==> flow/design.v <==
module gen_shift #(
  parameter integer NBITS = 8,
  parameter integer SEL_W = $clog2(NBITS)
) (
  input wire i_clk,
  input wire rstn,
  input wire [NBITS-1:0] ch,
  input wire [SEL_W-1:0] by,
  output reg [NBITS-1:0] data_out
);
  reg [NBITS-1:0] ch_ff;
  reg [SEL_W-1:0] by_ff;
  reg [NBITS-1:0] val_ff;
  reg [1:0] by_ff_lo;
  always @(posedge i_clk or negedge rstn) begin
    if (~rstn) begin
      ch_ff <= 0;
      by_ff <= 0;
      val_ff <= 0;
      by_ff_lo <= 0;
      data_out <= 0;
    end else begin
      ch_ff <= ch;
      by_ff <= by;
      val_ff <= ch_ff >> {by_ff[SEL_W-1:2], 2'b00};
      by_ff_lo <= by_ff[1:0];
      data_out <= val_ff >> by_ff_lo;
    end
  end
endmodule
Reports on gen_shift. The steps from the RTL of gen_shift to its reports follow in flow order. Line numbers count from 1 in the design file above. The mark -- stands for no value.

Top: gen_shift. Clock input: i_clk. Cell library: sky130hd. Timing corner: tt_025C_1v80.

Word-level counts. Yosys after proc, flatten, opt, wreduce and memory -nomap, before mapping. Enables and synchronous resets that opt folds into registers are not counted as muxes. Memory bits, and registers merged into a memory's read port (data or address), are not among the register bits. Print and check cells are not counted. Equal cells are merged and count once.

Under shift operators stands 2.

Operators with widths (count): >> shifter 8 x 2 -> 8 bit (1); >> shifter 8 x 3 -> 8 bit (1).

The entry for register bits after elaboration reads 29. For input bits the number is 13. For output and inout port bits the number is 8.

Longest topological paths. Longest topological path by Yosys (ltp), each cell counted once; first at word level (registers and memories cut), then after technology mapping (sequential cells cut; the memories' decode and read muxes count).

Depth after elaboration: 1. Under ABC_AREA stands 0. For gate-level depth with buffers the number is 3. The entry for depth with buffers taken out reads 2.

Mapped cells and area. The flow's flattened synthesis, as Yosys stat reports it; memories are mapped. The netlist is that of the ABC_AREA named above (0 if unset); the other value can give another one. The area totals of this step are shown rounded.

The entry for cell count reads 56. Under synthesis area stands 967 um2. The figure for sequential part of the area is 726 um2. The figure for flip-flop cells is 29. Buffer cells: 3.

Cells by type (count): sky130_fd_sc_hd__dfrtp_1 (29); sky130_fd_sc_hd__mux2i_1 (12); sky130_fd_sc_hd__mux2_2 (4); sky130_fd_sc_hd__nor2b_1 (4); sky130_fd_sc_hd__buf_6 (2); sky130_fd_sc_hd__nand3b_1 (1); sky130_fd_sc_hd__nor3b_1 (1); sky130_fd_sc_hd__buf_2 (1); sky130_fd_sc_hd__o21ai_1 (1); sky130_fd_sc_hd__nor2_1 (1).

Worst setup path after synthesis. Path of least setup slack by OpenSTA after synthesis, without wires, with an ideal clock, recovery checks aside; 20% of the period is set as input and as output delay. Where synthesis merged equal registers, the netlist keeps one of their names.

Path kind: flip-flop to flip-flop. From: reg by_ff_lo[0]. To: reg data_out[3]. The entry for clock period reads 1.1 ns. Under arrival stands 0.750 ns. For data required time the number is 0.970 ns. The figure for slack is 0.221 ns. Path delay: 0.880 ns. For driving pins on the path the number is 4. The entry for buffers on the path reads 1. Synthesis period reached: 0.879 ns.

"path delay" = arrival - input delay + setup time. "driving pins on the path": output pins that drive a net of the path, with the launching flip-flop's if there is one; two outputs of one cell count as two. "synthesis period reached" is the clock period less the worst setup slack; recovery checks do not enter. This is arithmetic on one report: input and output delays are still those of the set period (20% each). The rows between start and end are the longest chain of elaborated cells between them; the timing report does not say that the signal goes this way. Where chains are equally long, one stands for them. A line is the first line of the expression or statement that the cell stems from. Yosys adds cells for indexed reads and writes and turns some case tables into memories.

Path through: sky130_fd_sc_hd__dfrtp_1 -> sky130_fd_sc_hd__buf_6 -> sky130_fd_sc_hd__mux2i_1 -> sky130_fd_sc_hd__mux2i_1. The entry for cells in the longest elaborated chain reads 1.

Ends and longest elaborated chain, post-synthesis: from (decl) (RTL line 14) `reg [1:0] by_ff_lo;`; from (assign) (RTL line 20) `by_ff_lo <= 0;`; from (assign) (RTL line 26) `by_ff_lo <= by_ff[1:0];`; >> shifter 8 x 2 -> 8 bit (RTL line 27) `data_out <= val_ff >> by_ff_lo;`; to (assign) (RTL line 21) `data_out <= 0;`; to (assign) (RTL line 27); to (decl) (RTL line 9) `output reg [NBITS-1:0] data_out`.

Timing after layout. Path of least setup slack in the final report of record 1 (OpenROAD, finished layout, wires in). Where an end is a register, its clock arrival counts in the times.

Path kind: flip-flop to output port. From: reg data_out[4]. To: out data_out[4]. The entry for clock period reads 1.1 ns. Under output delay stands 0.22 ns. Under arrival stands 0.82 ns. For data required time the number is 0.88 ns. The figure for slack is 0.06 ns. For driving pins on the path the number is 2. The entry for buffers on the path reads 1.

Path through: sky130_fd_sc_hd__dfrtp_1 -> sky130_fd_sc_hd__buf_2. The entry for cells in the longest elaborated chain reads 0.

Ends and longest elaborated chain, after layout: from (decl) (RTL line 9) `output reg [NBITS-1:0] data_out`; from (assign) (RTL line 21) `data_out <= 0;`; from (assign) (RTL line 27) `data_out <= val_ff >> by_ff_lo;`; to (decl) (RTL line 9).

Ticket comment

Design gen_shift on sky130hd. What follows are 3 stored runs of the flow, each under its own settings; their order means nothing. The constraints put input and output delay at 20% of the set period each and load the outputs with 0.01 pF. "clock period achieved" is the run's clock period less its worst setup slack. It is reckoned from that one timing run; input and output delays stay at 20% of the period that was set. By "time used up by the worst setup path" is meant the share of the clock period that the worst setup path is allowed (20% is reserved at inputs, 20% at outputs), minus its slack. Clock arrival times at its registers enter into it. "power" is the tool's figure for a default switching activity; nothing was simulated. Values from the reports are rounded here.

Record 1 has these settings: period_ns 1.1; CAP_MARGIN 20; CORE_MARGIN 2; CORE_UTILIZATION 40; SLEW_MARGIN 20. The chip area after synthesis (Yosys) is 967 um2. The die area comes to 2830 um2. The utilization after routing reads 54.4 %. The setup slack of the worst path stands at 0.065 ns. For the post-route setup TNS the run shows 0.000 ns. The power stands at 2.05 mW. For the clock period achieved the run shows 1.035 ns. The time used up by the worst setup path stands at 0.82 ns. Class of the worst setup path: flip-flop to output port.

Record 2 has these settings: period_ns 1.1; CORE_UTILIZATION 53; SETUP_SLACK_MARGIN 0.01; PLACE_DENSITY_LB_ADDON 0.12; CORE_ASPECT_RATIO 0.75; TNS_END_PERCENT 35; ABC_AREA 1; GPL_TIMING_DRIVEN 0; GPL_ROUTABILITY_DRIVEN 1; CTS_CLUSTER_SIZE 51; CTS_CLUSTER_DIAMETER 353; SLEW_MARGIN 20; CAP_MARGIN 20; CORE_MARGIN 2. The chip area after synthesis (Yosys) is 1050 um2. The die area comes to 2360 um2. The utilization after routing reads 73.0 %. The setup slack of the worst path stands at 0.039 ns. For the post-route setup TNS the run shows 0.000 ns. The power stands at 2.20 mW. For the clock period achieved the run shows 1.061 ns. The time used up by the worst setup path stands at 0.84 ns. Class of the worst setup path: flip-flop to output port.

Record 3 has these settings: period_ns 0.621; CORE_UTILIZATION 22; PLACE_DENSITY 0.94; CORE_MARGIN 4; CELL_PAD_IN_SITES_GLOBAL_PLACEMENT 0; TNS_END_PERCENT 95; CTS_CLUSTER_DIAMETER 310; MIN_ROUTING_LAYER met1; CAP_MARGIN 20; SLEW_MARGIN 20. The chip area after synthesis (Yosys) is 967 um2. The die area comes to 5520 um2. The utilization after routing reads 32.4 %. The setup slack of the worst path stands at -0.391 ns. For the post-route setup TNS the run shows -6.52 ns. The power stands at 4.22 mW. For the clock period achieved the run shows 1.012 ns. The time used up by the worst setup path stands at 1.01 ns. Class of the worst setup path: flip-flop to flip-flop.
